==> flow/design.v <==
module ex_aligner_mod (CLK, srst, ch, amt, result);
  parameter integer NBITS = 40;
  localparam integer SW = $clog2(NBITS);
  input CLK;
  input srst;
  input [NBITS-1:0] ch;
  input [SW-1:0] amt;
  output [NBITS-1:0] result;
  wire [NBITS-1:0] nd [0:SW];
  assign nd[0] = ch;
  genvar i;
  generate
    for (i = 0; i < SW; i = i + 1) begin : slice
      assign nd[i+1] = amt[i] ? nd[i] >> (1 << i) : nd[i];
    end
  endgenerate
  reg [NBITS-1:0] result_s;
  assign result = result_s;
  always @(posedge CLK or posedge srst) begin
    if (srst) begin
      result_s <= 0;
    end else begin
      result_s <= nd[SW];
    end
  end
endmodule
## Step by step through the tools: ex_aligner_mod

The steps from the RTL of ex_aligner_mod to its reports follow in flow order.
Lines are those of the file above, counted from 1.
Operators carry their Yosys type and port widths (W data, S select, Z words).
Library cell names are shortened.
A cell with n/a has no value.

| inputs | value |
|---|---|
| top module | ex_aligner_mod |
| clock | CLK |
| cell library | sky130hd |
| corner | tt_025C_1v80 |

## Elaborated design

Yosys after proc, flatten, opt, wreduce and memory -nomap, before mapping. Enables and synchronous resets that opt folds into registers are not counted as muxes. Memory bits, and registers merged into a memory's read port (data or address), are not among the register bits. Print and check cells are not counted. Equal cells are merged and count once.

| cells by class | value |
|---|---|
| muxes and demuxes | 6 |

Operator list:

| cell | count |
|---|---|
| $mux W40 | 6 |

| bit counts | value |
|---|---|
| output and inout bits | 40 |
| word-level cells | 7 |
| input bits | 48 |
| register bits | 40 |

## Longest topological paths

Yosys ltp: most cells in a row. Word level: on the elaborated netlist, between registers, memories and ports. Mapped: between sequential cells and ports; inverters and the memories' decode and read muxes count.

| logic depth | value |
|---|---|
| word-level depth | 6 |
| ABC_AREA | 0 |
| depth in mapped cells | 9 |

## Synthesis result

The flow's flattened synthesis, as Yosys stat reports it; memories are mapped. The netlist is that of the ABC_AREA named above (0 if unset); the other value can give another one.

Cells by type:

| cell type | count |
|---|---|
| dfrtp_1 | 40 |
| mux2i_1 | 42 |
| mux4_2 | 17 |
| mux2_2 | 22 |
| mux4_1 | 9 |
| nor2_1 | 37 |
| buf_6 | 7 |
| nand2_1 | 20 |
| o21ai_0 | 13 |
| o22ai_1 | 10 |
| a21oi_1 | 11 |
| a211oi_1 | 6 |
| clkbuf_1 | 12 |
| nor3_1 | 8 |
| nand2b_1 | 6 |
| buf_2 | 6 |
| buf_4 | 4 |
| a2111oi_4 | 1 |

Not listed: further types 34, cells in them 54.

| mapped netlist | value |
|---|---|
| buffers | 32 |
| mapped area | 3412.0 um^2 |
| sequential part of the area | 1001.0 um^2 |
| standard cells after synthesis | 325 |
| flip-flop cells | 40 |

## Timing after synthesis

Source: OpenSTA report_checks on the synthesized netlist (no wires, ideal clock, input and output delay 20% of the period each), path of least setup slack; recovery checks are left aside. Register names are those of the netlist, which keeps one name where synthesis merged equal registers.

| timing path post-synthesis | value |
|---|---|
| path kind | input to register |
| start | input amt[1] |
| end | register result_s[9] |
| input delay | 516 ps |
| buffers on the path | 3 |
| stages on the path | 7 |
| required time | 2473 ps |
| slack | 411 ps |
| library setup time | 107 ps |
| period | 2580 ps |
| time at the first pin | 516 ps |
| arrival | 2062 ps |
| delay of the path | 1653 ps |
| period reached after synthesis | 2169 ps |

"delay of the path" is the arrival time less input delay plus setup time.
"stages on the path": output pins that drive a net of the path, with the launching flip-flop's if there is one; two outputs of one cell count as two.
"period reached after synthesis" is the clock period less the worst setup slack; recovery checks do not enter. This is arithmetic on one report: input and output delays are still those of the set period (20% each).
The rows between start and end are the longest chain of elaborated cells between them; the timing report does not say that the signal goes this way. Where chains are equally long, one stands for them.
A line is the first line of the expression or statement that the cell stems from. Yosys adds cells for indexed reads and writes and turns some case tables into memories.

| on the way, post-synthesis | value |
|---|---|
| cells stage by stage | buf_6 buf_12 buf_4 o22a_1 a221o_1 a21o_2 a2111oi_4 |
| cells in the longest elaborated chain | 5 |
| elaborated cells between the ends (all ways) | 5 |
| RTL lines with such cells | 1 |

Ends and longest elaborated chain, post-synthesis:

| element | line | source |
|---|---|---|
| from (decl) | 7 | `input [SW-1:0] amt;` |
| $mux W40 (5 in a row) | 14 | `assign nd[i+1] = amt[i] ? nd[i] >> (1 << i) : nd[i];` |
| to (assign) | 21 | `result_s <= 0;` |
| to (assign) | 23 | `result_s <= nd[SW];` |
| to (decl) | 17 | `reg [NBITS-1:0] result_s;` |

## Timing after layout

From the final timing report of run 1: the path of least setup slack in the routed layout; clock arrival at registers is part of the times.
The report prints the path's times to 10 ps; the period is as set.

| timing path post-layout | value |
|---|---|
| path kind | input to register |
| start | input amt[1] |
| end | register result_s[11] |
| library setup time | 110 ps |
| buffers on the path | 3 |
| arrival | 1910 ps |
| time at the first pin | 320 ps |
| stages on the path | 8 |
| period | 1620 ps |
| required time | 1800 ps |
| input delay | 320 ps |
| slack | -100 ps |

The rows between start and end are the longest chain of elaborated cells between them; the timing report does not say that the signal goes this way. Where chains are equally long, one stands for them.

| on the way, post-layout | value |
|---|---|
| cells stage by stage | buf_12 buf_12 buf_12 mux2i_1 o21ai_0 nand2_1 a21o_1 a2111oi_4 |
| cells in the longest elaborated chain | 5 |
| elaborated cells between the ends (all ways) | 5 |
| RTL lines with such cells | 1 |

Ends and longest elaborated chain, post-layout:

| element | line | source |
|---|---|---|
| from (decl) | 7 | `input [SW-1:0] amt;` |
| $mux W40 (5 in a row) | 14 | `assign nd[i+1] = amt[i] ? nd[i] >> (1 << i) : nd[i];` |
| to (assign) | 21 | `result_s <= 0;` |
| to (assign) | 23 | `result_s <= nd[SW];` |
| to (decl) | 17 | `reg [NBITS-1:0] result_s;` |

Lab notebook: ex_aligner_mod

Record of 3 stored runs of the RTL-to-layout flow on ex_aligner_mod, platform sky130hd. The runs are unordered. Constraints: input delay and output delay 20% of the set period each, output load 0.01 pF.
By "allowed time less slack (worst setup path)" is meant the share of the clock period that the worst setup path is allowed (20% is reserved at inputs, 20% at outputs), minus its slack. Clock arrival times at its registers enter into it.
"total power after layout" rests on the timing tool's default activity at the inputs, not on a simulated workload.
"allowed time less slack (worst setup path)" is known to 10 ps.

#### Run 1

| setting | value |
|---|---|
| period_ns | `1.62` |
| CORE_UTILIZATION | `45` |
| PLACE_DENSITY_LB_ADDON | `0.14` |
| ABC_AREA | `0` |
| GPL_TIMING_DRIVEN | `0` |
| GPL_ROUTABILITY_DRIVEN | `1` |
| CAP_MARGIN | `35` |
| SLEW_MARGIN | `10` |
| CORE_MARGIN | `2` |

| result | value |
|---|---|
| post-synthesis cell area | 3412.0 um^2 |
| die area | 8294.7 um^2 |
| utilization after routing | 0.727 |
| setup slack of the worst path | -104 ps |
| total negative setup slack | -593 ps |
| total power after layout | 3443 uW |
| allowed time less slack (worst setup path) | 1400 ps |
| critical path kind | input to register |

#### Run 2

| setting | value |
|---|---|
| period_ns | `2.53` |
| CORE_UTILIZATION | `62` |
| SETUP_SLACK_MARGIN | `0.23` |
| PLACE_DENSITY_LB_ADDON | `0.14` |
| TNS_END_PERCENT | `95` |
| CAP_MARGIN | `5` |
| MAX_ROUTING_LAYER | `met4` |
| CORE_MARGIN | `2` |
| SLEW_MARGIN | `20` |

| result | value |
|---|---|
| post-synthesis cell area | 3412.0 um^2 |
| die area | 6112.9 um^2 |
| utilization after routing | 0.856 |
| setup slack of the worst path | 258 ps |
| total negative setup slack | 0 ps |
| total power after layout | 2001 uW |
| allowed time less slack (worst setup path) | 1770 ps |
| critical path kind | input to register |

#### Run 3

| setting | value |
|---|---|
| period_ns | `2.58` |
| CAP_MARGIN | `20` |
| CORE_MARGIN | `2` |
| CORE_UTILIZATION | `40` |
| SLEW_MARGIN | `20` |

| result | value |
|---|---|
| post-synthesis cell area | 3412.0 um^2 |
| die area | 9285.2 um^2 |
| utilization after routing | 0.553 |
| setup slack of the worst path | 259 ps |
| total negative setup slack | 0 ps |
| total power after layout | 1837 uW |
| allowed time less slack (worst setup path) | 1810 ps |
| critical path kind | input to register |
